==> flow/design.v <==
module gen_shift #(
  parameter integer NBITS = 16,
  parameter integer SEL_W = $clog2(NBITS)
) (
  input wire i_clk,
  input wire rstn,
  input wire [NBITS-1:0] ch,
  input wire [SEL_W-1:0] by,
  output reg [NBITS-1:0] data_out
);
  reg [NBITS-1:0] ch_ff;
  reg [SEL_W-1:0] by_ff;
  reg [NBITS-1:0] val_ff;
  reg [1:0] by_ff_lo;
  always @(posedge i_clk or negedge rstn) begin
    if (~rstn) begin
      ch_ff <= 0;
      by_ff <= 0;
      val_ff <= 0;
      by_ff_lo <= 0;
      data_out <= 0;
    end else begin
      ch_ff <= ch;
      by_ff <= by;
      val_ff <= ch_ff >> {by_ff[SEL_W-1:2], 2'b00};
      by_ff_lo <= by_ff[1:0];
      data_out <= val_ff >> by_ff_lo;
    end
  end
endmodule
Tool chain data of gen_shift
What the tools print for gen_shift, step after step. Line numbers count from 1 in the design file above. Operators carry their Yosys type and port widths (W data, S select, Z words). Not given: -

Top module: gen_shift. Clock input: i_clk. Standard-cell library: sky130hd. Library corner: tt_025C_1v80.

After elaboration
Counts by Yosys on the flattened word-level netlist (proc, flatten, opt, wreduce; memories kept). Register bits leave out memories and registers merged into their read ports (data or address); mux counts leave out enables and synchronous resets folded into registers. Print and check cells are left out. Cells with the same type and inputs are merged into one.

For shift-type cells the number is 2.

Operators by type and width (count): $shr A16 B2 Y16 (1); $shr A16 B4 Y16 (1).

Under register bits after elaboration stands 54. The entry for output and inout port bits reads 16. For elaborated cells the number is 7.

Longest topological paths
Yosys ltp: most cells in a row. Word level: on the elaborated netlist, between registers, memories and ports. Mapped: between sequential cells and ports; inverters and the memories' decode and read muxes count.

The figure for word-level depth is 1. ABC_AREA: 0. For depth in mapped cells the number is 4. For gate-level depth less buffers the number is 2.

Mapped cells and area
Yosys stat after the flow's synthesis: flattened, memories mapped to cells. It holds for the ABC_AREA given above (unset counts as 0); a run with the other value may have another netlist.

Cells by type (count): sky130_fd_sc_hd__dfrtp_1 (54); sky130_fd_sc_hd__mux2i_1 (32); sky130_fd_sc_hd__mux4_2 (6); sky130_fd_sc_hd__buf_6 (4); sky130_fd_sc_hd__o2bb2ai_1 (4); sky130_fd_sc_hd__and2_1 (4); sky130_fd_sc_hd__nor2_1 (6); sky130_fd_sc_hd__buf_4 (2); sky130_fd_sc_hd__nand3b_1 (1); sky130_fd_sc_hd__nor3b_1 (1); sky130_fd_sc_hd__nor2b_1 (1); sky130_fd_sc_hd__buf_2 (1); sky130_fd_sc_hd__clkbuf_2 (1); sky130_fd_sc_hd__o21ai_0 (1).

The entry for cells in the netlist reads 118. The entry for synthesis area reads 1985.7 µm². For sequential area the number is 1351.3 µm². The entry for flip-flop cells reads 54. The entry for buffer cells reads 8.

Worst setup path after synthesis
OpenSTA on the mapped netlist: ideal clock, no wires. The path of least setup slack (recovery checks aside). Input and output delay are each 20% of the period. Register names are those of the netlist, which keeps one name where synthesis merged equal registers.

Kind: register -> register. Start: register by_ff_lo[0]. End: register data_out[1]. Under clock period stands 1350 ps. Library setup time: 138 ps. The figure for arrival is 943 ps. For data required time the number is 1212 ps. Setup slack: 268 ps. For path delay the number is 1081 ps. For driving pins on the path the number is 3. The entry for path buffers reads 1. Under period reached after synthesis stands 1082 ps.

"path delay" = arrival - input delay + setup time. "driving pins on the path": output pins that drive a net of the path, with the launching flip-flop's if there is one; two outputs of one cell count as two. "period reached after synthesis" = period - worst setup slack (recovery checks aside). The figure is calculated, with input and output delays left at 20% of the set period. Between the ends stands the longest chain of elaborated cells between them, by number of cells; it is not shown to be the way that was timed. Of several equally long chains one is given. Each line given opens the expression or statement behind the cell; cells for indexed reads and writes are added by Yosys, which also makes memories of some case tables.

Cells stage by stage: sky130_fd_sc_hd__dfrtp_1 sky130_fd_sc_hd__buf_6 sky130_fd_sc_hd__mux4_2. The figure for cells in the longest elaborated chain is 1. The entry for elaborated cells between the ends (all ways) reads 1. RTL lines with such cells: 1. Classes of those cells: shift: 1.

Ends and longest elaborated chain, after synthesis: start: declaration (line 14) `reg [1:0] by_ff_lo;`; start: assignment (line 20) `by_ff_lo <= 0;`; start: assignment (line 26) `by_ff_lo <= by_ff[1:0];`; $shr A16 B2 Y16 (line 27) `data_out <= val_ff >> by_ff_lo;`; end: assignment (line 21) `data_out <= 0;`; end: assignment (line 27); end: declaration (line 9) `output reg [NBITS-1:0] data_out`.

Path in the finished layout
From the final timing report of entry A: the path of least setup slack in the routed layout; clock arrival at registers is part of the times. The report prints the path's times to 10 ps; the period is as set.

Kind: register -> register. Start: register by_ff_lo[0]. End: register data_out[6]. Under clock period stands 1010 ps. Library setup time: 120 ps. The figure for arrival is 1350 ps. For data required time the number is 1190 ps. Setup slack: -160 ps. For driving pins on the path the number is 3. The entry for path buffers reads 1.

Between the ends stands the longest chain of elaborated cells between them, by number of cells; it is not shown to be the way that was timed. Of several equally long chains one is given.

Cells stage by stage: sky130_fd_sc_hd__dfrtp_2 sky130_fd_sc_hd__buf_12 sky130_fd_sc_hd__mux4_2. The figure for cells in the longest elaborated chain is 1. The entry for elaborated cells between the ends (all ways) reads 1. RTL lines with such cells: 1. Classes of those cells: shift: 1.

Ends and longest elaborated chain, after layout: start: declaration (line 14) `reg [1:0] by_ff_lo;`; start: assignment (line 20) `by_ff_lo <= 0;`; start: assignment (line 26) `by_ff_lo <= by_ff[1:0];`; $shr A16 B2 Y16 (line 27) `data_out <= val_ff >> by_ff_lo;`; end: assignment (line 21) `data_out <= 0;`; end: assignment (line 27); end: declaration (line 9) `output reg [NBITS-1:0] data_out`.

Design gen_shift on sky130hd. What follows are 3 stored runs of the flow, each under its own settings; their order means nothing. The constraints put input and output delay at 20% of the set period each and load the outputs with 0.01 pF. "achieved clock period" is the run's clock period less its worst setup slack. It is reckoned from that one timing run; input and output delays stay at 20% of the period that was set. By "allowed time less slack (worst setup path)" is meant the share of the clock period that the worst setup path is allowed (20% is reserved at inputs, 20% at outputs), minus its slack. Clock arrival times at its registers enter into it. "total power after layout": no workload was simulated; the value follows from the tool's default switching activity. "allowed time less slack (worst setup path)" is given in steps of 10 ps.

Files of entry A:
==> flow/run.sh <==
#!/bin/bash
# the make line also repeats the synthesis and layout settings of config.mk as NAME=value (left out here)
make -C /OpenROAD-flow-scripts/flow DESIGN_CONFIG=/design/flow/config.mk WORK_HOME=/design/flow/orfs CLKGATE_MAP_FILE= finish
==> flow/config.mk <==
export PLATFORM = sky130hd
export DESIGN_NAME = gen_shift
export DESIGN_NICKNAME = gen_shift
export VERILOG_FILES = /design/flow/design.v
export SDC_FILE = /design/flow/constraint.sdc
export NUM_CORES = 4
export LEC_CHECK = 0
export CAP_MARGIN = 20
export CELL_PAD_IN_SITES_DETAIL_PLACEMENT = 0
export CELL_PAD_IN_SITES_GLOBAL_PLACEMENT = 3
export CORE_MARGIN = 2
export CORE_UTILIZATION = 24
export CTS_CLUSTER_DIAMETER = 390
export GPL_TIMING_DRIVEN = 1
export MIN_ROUTING_LAYER = met2
export PLACE_DENSITY_LB_ADDON = 0.28
export SETUP_SLACK_MARGIN = 0.28
export SLEW_MARGIN = 20
==> flow/constraint.sdc <==
create_clock -name core_clock -period 1.01 [get_ports {i_clk}]
set_input_delay 0.2020 -clock core_clock [delete_from_list [all_inputs] [get_ports {i_clk}]]
set_output_delay 0.2020 -clock core_clock [all_outputs]
set_load 0.01 [all_outputs]

Results of entry A. The achieved clock period stands at 1,173 ps. The full die area stands at 9,017.4 µm². The setup slack of the worst path is -163 ps. The total power after layout reads 4,162 µW. The worst-case hold slack reads 324 ps. For the synthesis area the run shows 1,985.7 µm². The setup TNS reads -1,655 ps. For the final utilization the run shows 0.34. The standard-cell area after routing reads 2,763.9 µm². For the allowed time less slack (worst setup path) the run shows 1,170 ps. Worst setup path type: register -> register.

Files of entry B:
==> flow/run.sh <==
#!/bin/bash
# the make line also repeats the synthesis and layout settings of config.mk as NAME=value (left out here)
make -C /OpenROAD-flow-scripts/flow DESIGN_CONFIG=/design/flow/config.mk WORK_HOME=/design/flow/orfs CLKGATE_MAP_FILE= finish
==> flow/config.mk <==
export PLATFORM = sky130hd
export DESIGN_NAME = gen_shift
export DESIGN_NICKNAME = gen_shift
export VERILOG_FILES = /design/flow/design.v
export SDC_FILE = /design/flow/constraint.sdc
export NUM_CORES = 4
export LEC_CHECK = 0
export ABC_AREA = 1
export CAP_MARGIN = 20
export CELL_PAD_IN_SITES_DETAIL_PLACEMENT = 1
export CELL_PAD_IN_SITES_GLOBAL_PLACEMENT = 0
export CORE_ASPECT_RATIO = 0.98
export CORE_MARGIN = 8
export CORE_UTILIZATION = 47
export CTS_CLUSTER_SIZE = 60
export GPL_TIMING_DRIVEN = 0
export HOLD_SLACK_MARGIN = 0.2
export MAX_ROUTING_LAYER = met4
export PLACE_DENSITY = 0.38
export SETUP_SLACK_MARGIN = -0.09
export SLEW_MARGIN = 20
==> flow/constraint.sdc <==
create_clock -name core_clock -period 0.962 [get_ports {i_clk}]
set_input_delay 0.1924 -clock core_clock [delete_from_list [all_inputs] [get_ports {i_clk}]]
set_output_delay 0.1924 -clock core_clock [all_outputs]
set_load 0.01 [all_outputs]

Results of entry B. The achieved clock period stands at 1,039 ps. The full die area stands at 7,072.8 µm². The setup slack of the worst path is -77 ps. The total power after layout reads 4,954 µW. The worst-case hold slack reads 309 ps. For the synthesis area the run shows 2,179.6 µm². The setup TNS reads -1,168 ps. For the final utilization the run shows 0.614. The standard-cell area after routing reads 2,730.1 µm². For the allowed time less slack (worst setup path) the run shows 1,040 ps. Worst setup path type: register -> register.

Files of entry C:
==> flow/run.sh <==
#!/bin/bash
# the make line also repeats the synthesis and layout settings of config.mk as NAME=value (left out here)
make -C /OpenROAD-flow-scripts/flow DESIGN_CONFIG=/design/flow/config.mk WORK_HOME=/design/flow/orfs CLKGATE_MAP_FILE= finish
==> flow/config.mk <==
export PLATFORM = sky130hd
export DESIGN_NAME = gen_shift
export DESIGN_NICKNAME = gen_shift
export VERILOG_FILES = /design/flow/design.v
export SDC_FILE = /design/flow/constraint.sdc
export NUM_CORES = 4
export LEC_CHECK = 0
export CAP_MARGIN = 20
export CORE_MARGIN = 2
export CORE_UTILIZATION = 40
export SLEW_MARGIN = 20
==> flow/constraint.sdc <==
create_clock -name core_clock -period 1.35 [get_ports {i_clk}]
set_input_delay 0.2700 -clock core_clock [delete_from_list [all_inputs] [get_ports {i_clk}]]
set_output_delay 0.2700 -clock core_clock [all_outputs]
set_load 0.01 [all_outputs]

Results of entry C. The achieved clock period stands at 1,205 ps. The full die area stands at 5,543.6 µm². The setup slack of the worst path is 145 ps. The total power after layout reads 3,163 µW. The worst-case hold slack reads 359 ps. For the synthesis area the run shows 1,985.7 µm². The setup TNS reads 0 ps. For the final utilization the run shows 0.534. The standard-cell area after routing reads 2,541.2 µm². For the allowed time less slack (worst setup path) the run shows 930 ps. Worst setup path type: register -> output.
